==> flow/design.v <==
module ex_addsub_n #(
    parameter integer WD = 48
) (
    input core_clk,
    input rst_n,
    input [WD-1:0] da_in,
    input [WD-1:0] db_in,
    output [WD:0] s_out,
    output [WD:0] result_out
);
    reg [WD-1:0] da_ff;
    reg [WD-1:0] db_ff;
    always @(posedge core_clk or negedge rst_n) begin
        if (!rst_n) begin
            da_ff <= 0;
            db_ff <= 0;
        end else begin
            da_ff <= da_in;
            db_ff <= db_in;
        end
    end
    assign s_out = da_ff + db_ff;
    assign result_out = da_ff - db_ff;
endmodule
### From RTL to reports: ex_addsub_n

The steps from the RTL of ex_addsub_n to its reports follow in flow order.
Line numbers count from 1 in the design file above.
Operators: Yosys type, input widths -> output width; for muxes data width and select width s.
The mark n/a stands for no value.

| set-up | value |
|---|---|
| top module | ex_addsub_n |
| clock | core_clk |
| cell library | sky130hd |
| library corner | tt_025C_1v80 |

### Word level

Yosys after proc, flatten, opt, wreduce and memory -nomap, before mapping. Enables and synchronous resets that opt folds into registers are not counted as muxes. Memory bits, and registers merged into a memory's read port (data or address), are not among the register bits. Print and check cells are not counted. Equal cells are merged and count once.

| operators by class | value |
|---|---|
| add/subtract/negate cells | 2 |

Operators with widths:

| operator | count |
|---|---|
| $add 48x48->49 | 1 |
| $sub 48x48->49 | 1 |

| word-level totals | value |
|---|---|
| register bits after elaboration | 96 |
| input bits | 98 |
| output and inout bits | 98 |
| elaborated cells | 4 |

### Logic depth

Depth = most cells in a row (Yosys ltp): at word level without a register or memory, in the mapped netlist without a sequential cell, where the memories' decode and read muxes count.

| logic depth | value |
|---|---|
| depth after elaboration | 1 |
| ABC_AREA | 0 |
| mapped depth | 13 |

### Synthesis result

The flow's flattened synthesis, as Yosys stat reports it; memories are mapped. The netlist is that of the ABC_AREA named above (0 if unset); the other value can give another one.

| synthesis totals | value |
|---|---|
| mapped cells | 931 |
| synthesis area | 7965.1 um2 |
| sequential area | 2402.3 um2 |
| mapped flip-flops | 96 |
| buffer cells | 42 |

Cell types:

| type | count |
|---|---|
| sky130_fd_sc_hd__dfrtp_1 | 96 |
| sky130_fd_sc_hd__ha_1 | 96 |
| sky130_fd_sc_hd__xnor2_1 | 85 |
| sky130_fd_sc_hd__a21oi_1 | 113 |
| sky130_fd_sc_hd__inv_1 | 89 |
| sky130_fd_sc_hd__nor2_1 | 85 |
| sky130_fd_sc_hd__o21bai_1 | 25 |
| sky130_fd_sc_hd__o21ai_0 | 32 |
| sky130_fd_sc_hd__a21o_1 | 20 |
| sky130_fd_sc_hd__o31ai_1 | 19 |
| sky130_fd_sc_hd__nand2_1 | 35 |
| sky130_fd_sc_hd__nor4_1 | 19 |
| sky130_fd_sc_hd__nand4_1 | 17 |
| sky130_fd_sc_hd__nor3_1 | 21 |
| sky130_fd_sc_hd__clkbuf_1 | 22 |
| sky130_fd_sc_hd__a31oi_1 | 10 |
| sky130_fd_sc_hd__nand2b_1 | 10 |
| sky130_fd_sc_hd__buf_2 | 11 |

Other cell types: 50; their cells: 126.

### Path before layout

Source: OpenSTA report_checks on the synthesized netlist (no wires, ideal clock, input and output delay 20% of the period each), path of least setup slack; recovery checks are left aside. Register names are those of the netlist, which keeps one name where synthesis merged equal registers.

| timing post-synthesis | value |
|---|---|
| path kind | flip-flop to output port |
| start | register da_ff[0] |
| end | output s_out[46] |
| clock period | 4380 ps |
| external output delay | 876 ps |
| time at the first pin | 0 ps |
| arrival | 2806 ps |
| slack | 698 ps |
| delay of the path | 2806 ps |
| driving pins on the path | 13 |
| synthesis period reached | 3682 ps |

"delay of the path" is the arrival time less input delay plus setup time.
A path that ends at an output port has no setup time.
"driving pins on the path" counts driving pins, that of a launching flip-flop among them; a cell with two outputs on the path counts twice.
"synthesis period reached" is the clock period less the worst setup slack; recovery checks do not enter. This is arithmetic on one report: input and output delays are still those of the set period (20% each).
Between the ends stands the longest chain of elaborated cells between them, by number of cells; it is not shown to be the way that was timed. Of several equally long chains one is given.
A line is the first line of the expression or statement that the cell stems from. Yosys adds cells for indexed reads and writes and turns some case tables into memories.

| on the way, post-synthesis | value |
|---|---|
| cell sequence | sky130_fd_sc_hd__dfrtp_1 > sky130_fd_sc_hd__ha_1 > sky130_fd_sc_hd__fa_1 > sky130_fd_sc_hd__nor2b_1 > sky130_fd_sc_hd__o221ai_1 > sky130_fd_sc_hd__and3_1 > sky130_fd_sc_hd__o21ai_0 > sky130_fd_sc_hd__a211oi_2 > sky130_fd_sc_hd__o211ai_1 > sky130_fd_sc_hd__a31oi_1 > sky130_fd_sc_hd__nor4_1 > sky130_fd_sc_hd__a31oi_1 > sky130_fd_sc_hd__xor2_1 |
| length of the longest elaborated chain | 1 |
| elaborated cells on any way between the ends | 1 |
| source lines of those cells | 1 |
| those cells by class | add/sub: 1 |

RTL lines, path post-synthesis:

| what | RTL line | text |
|---|---|---|
| start, declared | 11 | `reg [WD-1:0] da_ff;` |
| start, assigned | 15 | `da_ff <= 0;` |
| start, assigned | 18 | `da_ff <= da_in;` |
| $add 48x48->49 | 22 | `assign s_out = da_ff + db_ff;` |
| end, declared | 8 | `output [WD:0] s_out,` |

### Worst path after layout

Path of least setup slack in the final report of run 1 (OpenROAD, finished layout, wires in). Where an end is a register, its clock arrival counts in the times.
The path's times are printed in steps of 10 ps; the period is the one set.

| timing post-layout | value |
|---|---|
| path kind | flip-flop to output port |
| start | register da_ff[0] |
| end | output result_out[46] |
| clock period | 4380 ps |
| external output delay | 880 ps |
| time at the first pin | 360 ps |
| arrival | 3480 ps |
| slack | 30 ps |
| driving pins on the path | 18 |

Between the ends stands the longest chain of elaborated cells between them, by number of cells; it is not shown to be the way that was timed. Of several equally long chains one is given.

| on the way, post-layout | value |
|---|---|
| cell sequence | sky130_fd_sc_hd__dfrtp_1 > sky130_fd_sc_hd__inv_1 > sky130_fd_sc_hd__ha_2 > sky130_fd_sc_hd__fa_2 > sky130_fd_sc_hd__nand2b_4 > sky130_fd_sc_hd__a21oi_2 > sky130_fd_sc_hd__o21ai_2 > sky130_fd_sc_hd__buf_4 > sky130_fd_sc_hd__a31oi_2 > sky130_fd_sc_hd__nor2_4 > sky130_fd_sc_hd__o221ai_4 > sky130_fd_sc_hd__o41ai_2 > sky130_fd_sc_hd__buf_4 > sky130_fd_sc_hd__o31ai_2 > sky130_fd_sc_hd__buf_4 > sky130_fd_sc_hd__a311o_1 > sky130_fd_sc_hd__xor2_1 > sky130_fd_sc_hd__buf_2 |
| length of the longest elaborated chain | 1 |
| elaborated cells on any way between the ends | 1 |
| source lines of those cells | 1 |
| those cells by class | add/sub: 1 |

RTL lines, path post-layout:

| what | RTL line | text |
|---|---|---|
| start, declared | 11 | `reg [WD-1:0] da_ff;` |
| start, assigned | 15 | `da_ff <= 0;` |
| start, assigned | 18 | `da_ff <= da_in;` |
| $sub 48x48->49 | 23 | `assign result_out = da_ff - db_ff;` |
| end, declared | 9 | `output [WD:0] result_out` |

Stored flow runs of ex_addsub_n (3 of them; Yosys, OpenROAD, sky130hd). They differ in their settings and are not a sequence. Constraints: input delay and output delay 20% of the set period each, output load 0.01 pF.
"clock period achieved" = clock period - worst setup slack. The figure is calculated, with input and output delays left at 20% of the set period.
"time used up by the worst setup path" is the time allowed to the run's worst setup path (the clock period less input and output delay, where it has them) less its slack. Clock arrival times count: a late capture clock shortens it, a late launch clock lengthens it.
"power consumption": no workload was simulated; the value follows from the tool's default switching activity.
"time used up by the worst setup path" is given in steps of 10 ps.

#### Run 1

| setting | value |
|---|---|
| period_ns | `4.38` |
| CAP_MARGIN | `20` |
| CORE_MARGIN | `2` |
| CORE_UTILIZATION | `40` |
| SLEW_MARGIN | `20` |

| result | value |
|---|---|
| post-synthesis cell area | 7965.1 um2 |
| utilization in the final report | 62.8 % |
| full die area | 21056.9 um2 |
| worst slack on setup checks | 28 ps |
| clock period achieved | 4352 ps |
| time used up by the worst setup path | 3480 ps |
| type of the worst setup path | flip-flop to output port |
| power consumption | 3574 µW |
| standard-cell area after layout | 12253.0 um2 |
| setup TNS | 0 ps |

#### Run 2

| setting | value |
|---|---|
| period_ns | `4.95` |
| CORE_UTILIZATION | `18` |
| SETUP_SLACK_MARGIN | `0.72` |
| PLACE_DENSITY_LB_ADDON | `0.04` |
| HOLD_SLACK_MARGIN | `0.16` |
| CORE_MARGIN | `10` |
| CELL_PAD_IN_SITES_GLOBAL_PLACEMENT | `1` |
| ABC_AREA | `0` |
| GPL_TIMING_DRIVEN | `0` |
| GPL_ROUTABILITY_DRIVEN | `0` |
| CTS_CLUSTER_DIAMETER | `126` |
| CAP_MARGIN | `10` |
| SLEW_MARGIN | `35` |

| result | value |
|---|---|
| post-synthesis cell area | 7965.1 um2 |
| utilization in the final report | 30.7 % |
| full die area | 53065.7 um2 |
| worst slack on setup checks | 327 ps |
| clock period achieved | 4623 ps |
| time used up by the worst setup path | 3630 ps |
| type of the worst setup path | flip-flop to output port |
| power consumption | 3537 µW |
| standard-cell area after layout | 13520.5 um2 |
| setup TNS | 0 ps |

#### Run 3

| setting | value |
|---|---|
| period_ns | `2.89` |
| CORE_UTILIZATION | `61` |
| SETUP_SLACK_MARGIN | `0.83` |
| CORE_ASPECT_RATIO | `0.85` |
| CORE_MARGIN | `2` |
| CELL_PAD_IN_SITES_GLOBAL_PLACEMENT | `1` |
| GPL_ROUTABILITY_DRIVEN | `0` |
| CTS_CLUSTER_SIZE | `65` |
| CTS_CLUSTER_DIAMETER | `159` |
| CAP_MARGIN | `5` |
| SLEW_MARGIN | `20` |

No final report: placement broke off with GPL-0301.
